==> flow/design.v <==
module u_addsub (i_clk, RST, enable, x, y, d);
  parameter DW = 64;
  input i_clk;
  input RST;
  input enable;
  input [DW-1:0] x;
  input [DW-1:0] y;
  output [DW-1:0] d;
  reg [DW-1:0] x_r;
  reg [DW-1:0] y_r;
  wire [DW:0] r;
  assign r = x_r - y_r;
  assign d = r[DW] ? {DW{1'b0}} : r[DW-1:0];
  always @(posedge i_clk or posedge RST) begin
    if (RST) begin
      x_r <= 0;
      y_r <= 0;
    end else if (enable) begin
      x_r <= x;
      y_r <= y;
    end
  end
endmodule
# From RTL to reports: u_addsub
# What the tools print for u_addsub, step after step.
# Lines are those of the file above, counted from 1.
# Operators carry their Yosys type and port widths (W data, S select, Z words).
# Library cell names are shortened.
# Not given: --
# setup
top,u_addsub
clock,i_clk
library,sky130hd
lib_corner,tt_025C_1v80

# Word level
# Counts by Yosys on the flattened word-level netlist (proc, flatten, opt, wreduce; memories kept). Register bits leave out memories and registers merged into their read ports (data or address); mux counts leave out enables and synchronous resets folded into registers. Print and check cells are left out. Cells with the same type and inputs are merged into one.
# word_totals
reg_bits,128
inputBits,131
output_inout_bits,64
elab_cells,4
# classes
n_addsub,1
n_mux,1
# op_table
operator,count
$sub A64 B64 Y65,1
$mux W64,1

# Logic depth
# Yosys ltp: most cells in a row. Word level: on the elaborated netlist, between registers, memories and ports. Mapped: between sequential cells and ports; inverters and the memories' decode and read muxes count.
# logic_depth
ltp_word,2
ABC_AREA,0
mapped_depth,14

# Netlist
# Source: synth_stat.txt of the flow (Yosys; design flattened, memories mapped). It holds for the ABC_AREA given above (unset counts as 0); a run with the other value may have another netlist.
# Totals and module areas in this step are rounded.
# types
cell_type,count
dfrtp_1,128
ha_1,65
mux2_2,63
o21ai_0,105
nand2_1,122
a21oi_1,79
nor2_1,92
inv_1,82
a21o_1,37
xnor2_1,29
xor2_1,25
clkbuf_1,46
nand4_1,17
o21a_1,12
o21bai_1,10
nand2b_1,10
nor2b_1,10
nor3_1,11
# Other cell types: 49; their cells: 108.
# mapped
stdcells,1051
yosys_area_um2,9020
flip_flops,128

# Path before layout
# Source: OpenSTA report_checks on the synthesized netlist (no wires, ideal clock, input and output delay 20% of the period each), path of least setup slack; recovery checks are left aside. Register names are those of the netlist, which keeps one name where synthesis merged equal registers.
# synth_timing
path_kind,reg-to-output
start,register x_r[11]
end,output d[63]
clock_period_ns,4.41
out_delay_ns,0.882
t_first_pin_ns,0.000
arrival_ns,2.825
t_required_ns,3.528
path_slack_ns,0.703
path_delay_ns,2.825
stages,12
path_buffers,0
synth_period_reached_ns,3.707
# "path_delay_ns" is the arrival time less input delay plus setup time.
# A path that ends at an output port has no setup time.
# "stages" counts driving pins, that of a launching flip-flop among them; a cell with two outputs on the path counts twice.
# "synth_period_reached_ns" is the clock period less the worst setup slack; recovery checks do not enter. This is arithmetic on one report: input and output delays are still those of the set period (20% each).
# The rows between start and end are the longest chain of elaborated cells between them; the timing report does not say that the signal goes this way. Where chains are equally long, one stands for them.
# A line is the first line of the expression or statement that the cell stems from. Yosys adds cells for indexed reads and writes and turns some case tables into memories.
# synth_via
path_cell_list,dfrtp_1 ha_1 a21oi_1 o211ai_1 a2111o_1 a31oi_1 o21ai_4 a211oi_4 o21bai_1 nand4_1 nand2_1 a221oi_1
elab_chain_cells,2
cone_cells,2
lines_between,2
cone_classes,add/sub: 1; mux: 1
# synth_rtl
element,line_no,rtl
"start, declared",9,reg [DW-1:0] x_r;
"start, assigned",16,x_r <= 0;
"start, assigned",19,x_r <= x;
$sub A64 B64 Y65,12,assign r = x_r - y_r;
$mux W64,13,assign d = r[DW] ? {DW{1'b0}} : r[DW-1:0];
"end, declared",8,output [DW-1:0] d;

# Timing after layout
# From the final timing report of flow run A: the path of least setup slack in the routed layout; clock arrival at registers is part of the times.
# layout_timing
path_kind,reg-to-output
start,register y_r[0]
end,output d[58]
clock_period_ns,4.41
out_delay_ns,0.88
t_first_pin_ns,0.43
arrival_ns,3.52
t_required_ns,3.53
path_slack_ns,0.00
stages,16
path_buffers,3
# The rows between start and end are the longest chain of elaborated cells between them; the timing report does not say that the signal goes this way. Where chains are equally long, one stands for them.
# layout_via
path_cell_list,dfrtp_1 ha_2 fa_2 nand2b_4 a21o_1 a21oi_2 a211oi_4 nor3_4 a31oi_4 o22a_1 a21oi_4 o22ai_4 buf_6 buf_6 a2111oi_4 buf_2
elab_chain_cells,2
cone_cells,2
lines_between,2
cone_classes,add/sub: 1; mux: 1
# layout_rtl
element,line_no,rtl
"start, declared",10,reg [DW-1:0] y_r;
"start, assigned",17,y_r <= 0;
"start, assigned",20,y_r <= y;
$sub A64 B64 Y65,12,assign r = x_r - y_r;
$mux W64,13,assign d = r[DW] ? {DW{1'b0}} : r[DW-1:0];
"end, declared",8,output [DW-1:0] d;

# Settings and measured results of 3 stored flow runs for module u_addsub (sky130hd), not sorted in any way. The constraints put input and output delay at 20% of the set period each and load the outputs with 0.01 pF.
# By "timing.achieved_period_ns" is meant the clock period of the run minus its worst setup slack. This is arithmetic on one report: input and output delays are still those of the set period (20% each).
# "worst_path_ns" means the part of the period allowed to the worst setup path (the constraints hold back 20% at inputs and 20% at outputs) less its slack; where the path has registers, the arrival times of their clocks count too.
# "design_power_w": no workload was simulated; the value follows from the tool's default switching activity.
# The results are shown rounded.
# A setting shown as . is not set for that run.
item,flow run A,flow run B,flow run C
period_ns,4.41,3.49,2.66
CAP_MARGIN,20,20,20
CORE_MARGIN,2,2,3
CORE_UTILIZATION,40,45,35
SLEW_MARGIN,20,20,35
SETUP_SLACK_MARGIN,.,0.88,.
CORE_ASPECT_RATIO,.,1.03,.
CTS_CLUSTER_SIZE,.,41,.
MIN_ROUTING_LAYER,.,met1,.
MAX_ROUTING_LAYER,.,met4,.
PLACE_DENSITY_LB_ADDON,.,.,0.27
TNS_END_PERCENT,.,.,45
fin_hold_ws_ns,0.514,0.517,0.472
design.die.area_um2,23800,21200,27700
final_stdcell_area_um2,12900,14400,14400
util_frac,0.586,0.732,0.572
synthArea_um2,9020,9020,9020
setup_worst_slack_ns,0.004,-0.764,-1.51
design_power_w,0.00521,0.0074,0.00934
timing.achieved_period_ns,4.406,4.254,4.171
total_negative_slack_ns,0.000,-44.1,-92.0
worst_path_ns,3.52,3.56,3.64
worst_path_kind,reg-to-output,reg-to-output,reg-to-output
